==> flow/design.v <==
module barrel_stage #(
    parameter WD = 20,
    parameter SBITS = $clog2(WD)
) (
    input wire i_clk,
    input wire [WD-1:0] val,
    input wire [SBITS-1:0] n,
    output wire [WD-1:0] data_out
);
    wire [2*WD-1:0] work;
    assign work = {val, val} >> n;
    reg [WD-1:0] data_out_s;
    always @(posedge i_clk) begin
        data_out_s <= work[WD-1:0];
    end
    assign data_out = data_out_s;
endmodule
==> Step by step through the tools: barrel_stage <==
What the tools print for barrel_stage, step after step.
Lines are those of the file above, counted from 1.
Operators: Yosys type, input widths -> output width; for muxes data width and select width s.
Library cell names are shortened.
{ "setup": {"top": "barrel_stage", "clk_port": "i_clk", "cell_library": "sky130hd", "corner": "tt_025C_1v80"} }

==> Word level <==
Counts by Yosys on the flattened word-level netlist (proc, flatten, opt, wreduce; memories kept). Register bits leave out memories and registers merged into their read ports (data or address); mux counts leave out enables and synchronous resets folded into registers. Print and check cells are left out. Cells with the same type and inputs are merged into one.
{ "word_totals": {"regBits": 20, "clocked_rd_ports_x_width": 0, "input_bits": 26, "ram_bits": 0, "memories": 0, "mem_bits_ro": 0, "latchBits": 0, "output_inout_bits": 20, "wordCells": 2} }
{ "classes": {"eq_ne": 0, "multipliers": 0, "n_addsub": 0, "muxes": 0, "reduce_and_logical": 0, "n_div": 0, "logic": 0, "cmp": 0, "shifts": 1} }
{ "ops": {"columns": ["cell", "n"], "rows": [
  ["$shr 40x5->20", 1]
]} }

==> Depth <==
Longest topological path by Yosys (ltp), each cell counted once; first at word level (registers and memories cut), then after technology mapping (sequential cells cut; the memories' decode and read muxes count).
{ "depth": {"depth_word": 1, "ABC_AREA": 0, "ltp_mapped": 7, "mapped_depth_nobuf": 4} }

==> Mapped cells and area <==
Yosys stat after the flow's synthesis: flattened, memories mapped to cells. It holds for the ABC_AREA given above (unset counts as 0); a run with the other value may have another netlist.
{ "by_type": {"columns": ["cell", "n", "type_area_um2"], "rows": [
  ["mux4_2", 29, 653.126],
  ["dfxtp_1", 20, 400.384],
  ["mux4_1", 9, 236.477],
  ["mux2i_1", 21, 210.202],
  ["mux2_2", 14, 157.651],
  ["a221oi_1", 8, 70.067],
  ["o21ai_0", 11, 55.053],
  ["a211oi_1", 6, 45.043],
  ["nand2_1", 11, 41.29],
  ["buf_2", 8, 40.038],
  ["clkbuf_1", 10, 37.536],
  ["o22ai_1", 6, 37.536],
  ["nor2_1", 9, 33.782],
  ["a221oi_2", 2, 30.029],
  ["a21oi_1", 5, 25.024],
  ["nand2b_1", 4, 25.024],
  ["nor3_1", 5, 25.024],
  ["buf_6", 2, 22.522]
]} }
Not listed: further types 23, cells in them 39.
{ "mapped": {"cells": 219, "area_um2": 2431.1, "sequential_area_um2": 400.4, "flip_flops": 20, "n_buf": 24} }

==> Timing after synthesis <==
Path of least setup slack by OpenSTA after synthesis, without wires, with an ideal clock, recovery checks aside; 20% of the period is set as input and as output delay. Where synthesis merged equal registers, the netlist keeps one of their names.
{ "synth_timing": {"path_kind": "in2reg", "from": "input n[0]", "to": "register data_out_s[7]", "path_delay_ps": 1497, "n_path_buf": 2, "in_delay_ps": 468, "slack_ps": 374, "setup_ps": 126, "required_ps": 2214, "stages": 6, "launch_ps": 468, "clock_period_ps": 2340, "arrival_ps": 1839, "synth_period_reached_ps": 1966} }
"path_delay_ps" = arrival - input delay + setup time.
"stages" counts driving pins, that of a launching flip-flop among them; a cell with two outputs on the path counts twice.
"synth_period_reached_ps" = period - worst setup slack (recovery checks aside). The figure is calculated, with input and output delays left at 20% of the set period.
Between the ends stands the longest chain of elaborated cells between them, by number of cells; it is not shown to be the way that was timed. Of several equally long chains one is given.
Each line given opens the expression or statement behind the cell; cells for indexed reads and writes are added by Yosys, which also makes memories of some case tables.
{ "synth_via": {"path_cell_list": "buf_6 buf_6 mux4_2 mux2_2 a221oi_2 o21ai_1", "elab_chain_len": 1, "cone_cells": 1, "cone_lines": 1, "cone_classes": "shift (1)"} }
{ "synth_rtl": {"columns": ["element", "line", "rtl"], "rows": [
  ["start: declaration", 7, "input wire [SBITS-1:0] n,"],
  ["$shr 40x5->20", 11, "assign work = {val, val} >> n;"],
  ["end: assignment", 14, "data_out_s <= work[WD-1:0];"],
  ["end: declaration", 12, "reg [WD-1:0] data_out_s;"]
]} }

==> Worst path after layout <==
From the final timing report of record 1: the path of least setup slack in the routed layout; clock arrival at registers is part of the times.
The path's times are printed in steps of 10 ps; the period is the one set.
{ "layout_timing": {"path_kind": "in2reg", "from": "input n[3]", "to": "register data_out_s[5]", "setup_ps": 140, "arrival_ps": 2280, "clock_period_ps": 2150, "launch_ps": 430, "required_ps": 2270, "in_delay_ps": 430, "stages": 6, "slack_ps": -10, "n_path_buf": 2} }
Between the ends stands the longest chain of elaborated cells between them, by number of cells; it is not shown to be the way that was timed. Of several equally long chains one is given.
{ "layout_via": {"path_cell_list": "clkdlybuf4s50_1 buf_4 mux4_2 mux2_2 a221oi_2 o21ai_1", "elab_chain_len": 1, "cone_cells": 1, "cone_lines": 1, "cone_classes": "shift (1)"} }
{ "layout_rtl": {"columns": ["element", "line", "rtl"], "rows": [
  ["start: declaration", 7, "input wire [SBITS-1:0] n,"],
  ["$shr 40x5->20", 11, "assign work = {val, val} >> n;"],
  ["end: assignment", 14, "data_out_s <= work[WD-1:0];"],
  ["end: declaration", 12, "reg [WD-1:0] data_out_s;"]
]} }

==> results <==
Stored flow runs of barrel_stage (3 of them; Yosys, OpenROAD, sky130hd). They differ in their settings and are not a sequence. Constraints: input delay and output delay 20% of the set period each, output load 0.01 pF.
"period_reached_ps": clock period set for the run, less the worst setup slack. It is reckoned from that one timing run; input and output delays stay at 20% of the period that was set.
"worstPathTime_ps" is the time allowed to the run's worst setup path (the clock period less input and output delay, where it has them) less its slack. Clock arrival times count: a late capture clock shortens it, a late launch clock lengthens it.
"fin_power_mw": no workload was simulated; the value follows from the tool's default switching activity.
"worstPathTime_ps" is known to 10 ps.

Record 1
==> flow/run.sh <==
#!/bin/bash
# the make line also repeats the synthesis and layout settings of config.mk as NAME=value (left out here)
make -C /OpenROAD-flow-scripts/flow DESIGN_CONFIG=/design/flow/config.mk WORK_HOME=/design/flow/orfs CLKGATE_MAP_FILE= finish
==> flow/config.mk <==
export PLATFORM = sky130hd
export DESIGN_NAME = barrel_stage
export DESIGN_NICKNAME = barrel_stage
export VERILOG_FILES = /design/flow/design.v
export SDC_FILE = /design/flow/constraint.sdc
export NUM_CORES = 4
export LEC_CHECK = 0
export CAP_MARGIN = 20
export CELL_PAD_IN_SITES_DETAIL_PLACEMENT = 2
export CORE_MARGIN = 2
export CORE_UTILIZATION = 20
export CTS_CLUSTER_DIAMETER = 87
export GPL_TIMING_DRIVEN = 1
export MAX_ROUTING_LAYER = met5
export SETUP_SLACK_MARGIN = -0.08
export SLEW_MARGIN = 10
export TNS_END_PERCENT = 60
==> flow/constraint.sdc <==
create_clock -name core_clock -period 2.15 [get_ports {i_clk}]
set_input_delay 0.4300 -clock core_clock [delete_from_list [all_inputs] [get_ports {i_clk}]]
set_output_delay 0.4300 -clock core_clock [all_outputs]
set_load 0.01 [all_outputs]

==> results of record 1, as JSON <==
{
  "final_cell_area_um2": 3619.7,
  "period_reached_ps": 2162,
  "finish.utilization_pct": 30.3,
  "worstPathTime_ps": 1730,
  "worst_path_kind": "in2reg",
  "fin_power_mw": 1.855,
  "final_die_area_um2": 13053.1,
  "final_setup_ws_ps": -12,
  "synthArea_um2": 2431.1,
  "setupTns_ps": -12,
  "hold_ws_ps": 1050
}

Record 2
==> flow/run.sh <==
#!/bin/bash
# the make line also repeats the synthesis and layout settings of config.mk as NAME=value (left out here)
make -C /OpenROAD-flow-scripts/flow DESIGN_CONFIG=/design/flow/config.mk WORK_HOME=/design/flow/orfs CLKGATE_MAP_FILE= finish
==> flow/config.mk <==
export PLATFORM = sky130hd
export DESIGN_NAME = barrel_stage
export DESIGN_NICKNAME = barrel_stage
export VERILOG_FILES = /design/flow/design.v
export SDC_FILE = /design/flow/constraint.sdc
export NUM_CORES = 4
export LEC_CHECK = 0
export CAP_MARGIN = 20
export CORE_MARGIN = 2
export CORE_UTILIZATION = 40
export SLEW_MARGIN = 20
==> flow/constraint.sdc <==
create_clock -name core_clock -period 2.34 [get_ports {i_clk}]
set_input_delay 0.4680 -clock core_clock [delete_from_list [all_inputs] [get_ports {i_clk}]]
set_output_delay 0.4680 -clock core_clock [all_outputs]
set_load 0.01 [all_outputs]

==> results of record 2, as JSON <==
{
  "final_cell_area_um2": 3261.9,
  "period_reached_ps": 2183,
  "finish.utilization_pct": 55.4,
  "worstPathTime_ps": 1720,
  "worst_path_kind": "in2reg",
  "fin_power_mw": 1.386,
  "final_die_area_um2": 6717.4,
  "final_setup_ws_ps": 157,
  "synthArea_um2": 2431.1,
  "setupTns_ps": 0,
  "hold_ws_ps": 1036
}

Record 3
==> flow/run.sh <==
#!/bin/bash
# the make line also repeats the synthesis and layout settings of config.mk as NAME=value (left out here)
make -C /OpenROAD-flow-scripts/flow DESIGN_CONFIG=/design/flow/config.mk WORK_HOME=/design/flow/orfs CLKGATE_MAP_FILE= finish
==> flow/config.mk <==
export PLATFORM = sky130hd
export DESIGN_NAME = barrel_stage
export DESIGN_NICKNAME = barrel_stage
export VERILOG_FILES = /design/flow/design.v
export SDC_FILE = /design/flow/constraint.sdc
export NUM_CORES = 4
export LEC_CHECK = 0
export CAP_MARGIN = 10
export CELL_PAD_IN_SITES_DETAIL_PLACEMENT = 1
export CELL_PAD_IN_SITES_GLOBAL_PLACEMENT = 0
export CORE_MARGIN = 2
export CORE_UTILIZATION = 43
export GPL_TIMING_DRIVEN = 1
export MAX_ROUTING_LAYER = met5
export MIN_ROUTING_LAYER = met1
export SLEW_MARGIN = 25
==> flow/constraint.sdc <==
create_clock -name core_clock -period 1.86 [get_ports {i_clk}]
set_input_delay 0.3720 -clock core_clock [delete_from_list [all_inputs] [get_ports {i_clk}]]
set_output_delay 0.3720 -clock core_clock [all_outputs]
set_load 0.01 [all_outputs]

==> results of record 3, as JSON <==
{
  "final_cell_area_um2": 3622.2,
  "period_reached_ps": 1830,
  "finish.utilization_pct": 66.2,
  "worstPathTime_ps": 1460,
  "worst_path_kind": "in2reg",
  "fin_power_mw": 1.911,
  "final_die_area_um2": 6271.1,
  "final_setup_ws_ps": 30,
  "synthArea_um2": 2431.1,
  "setupTns_ps": 0,
  "hold_ws_ps": 863
}
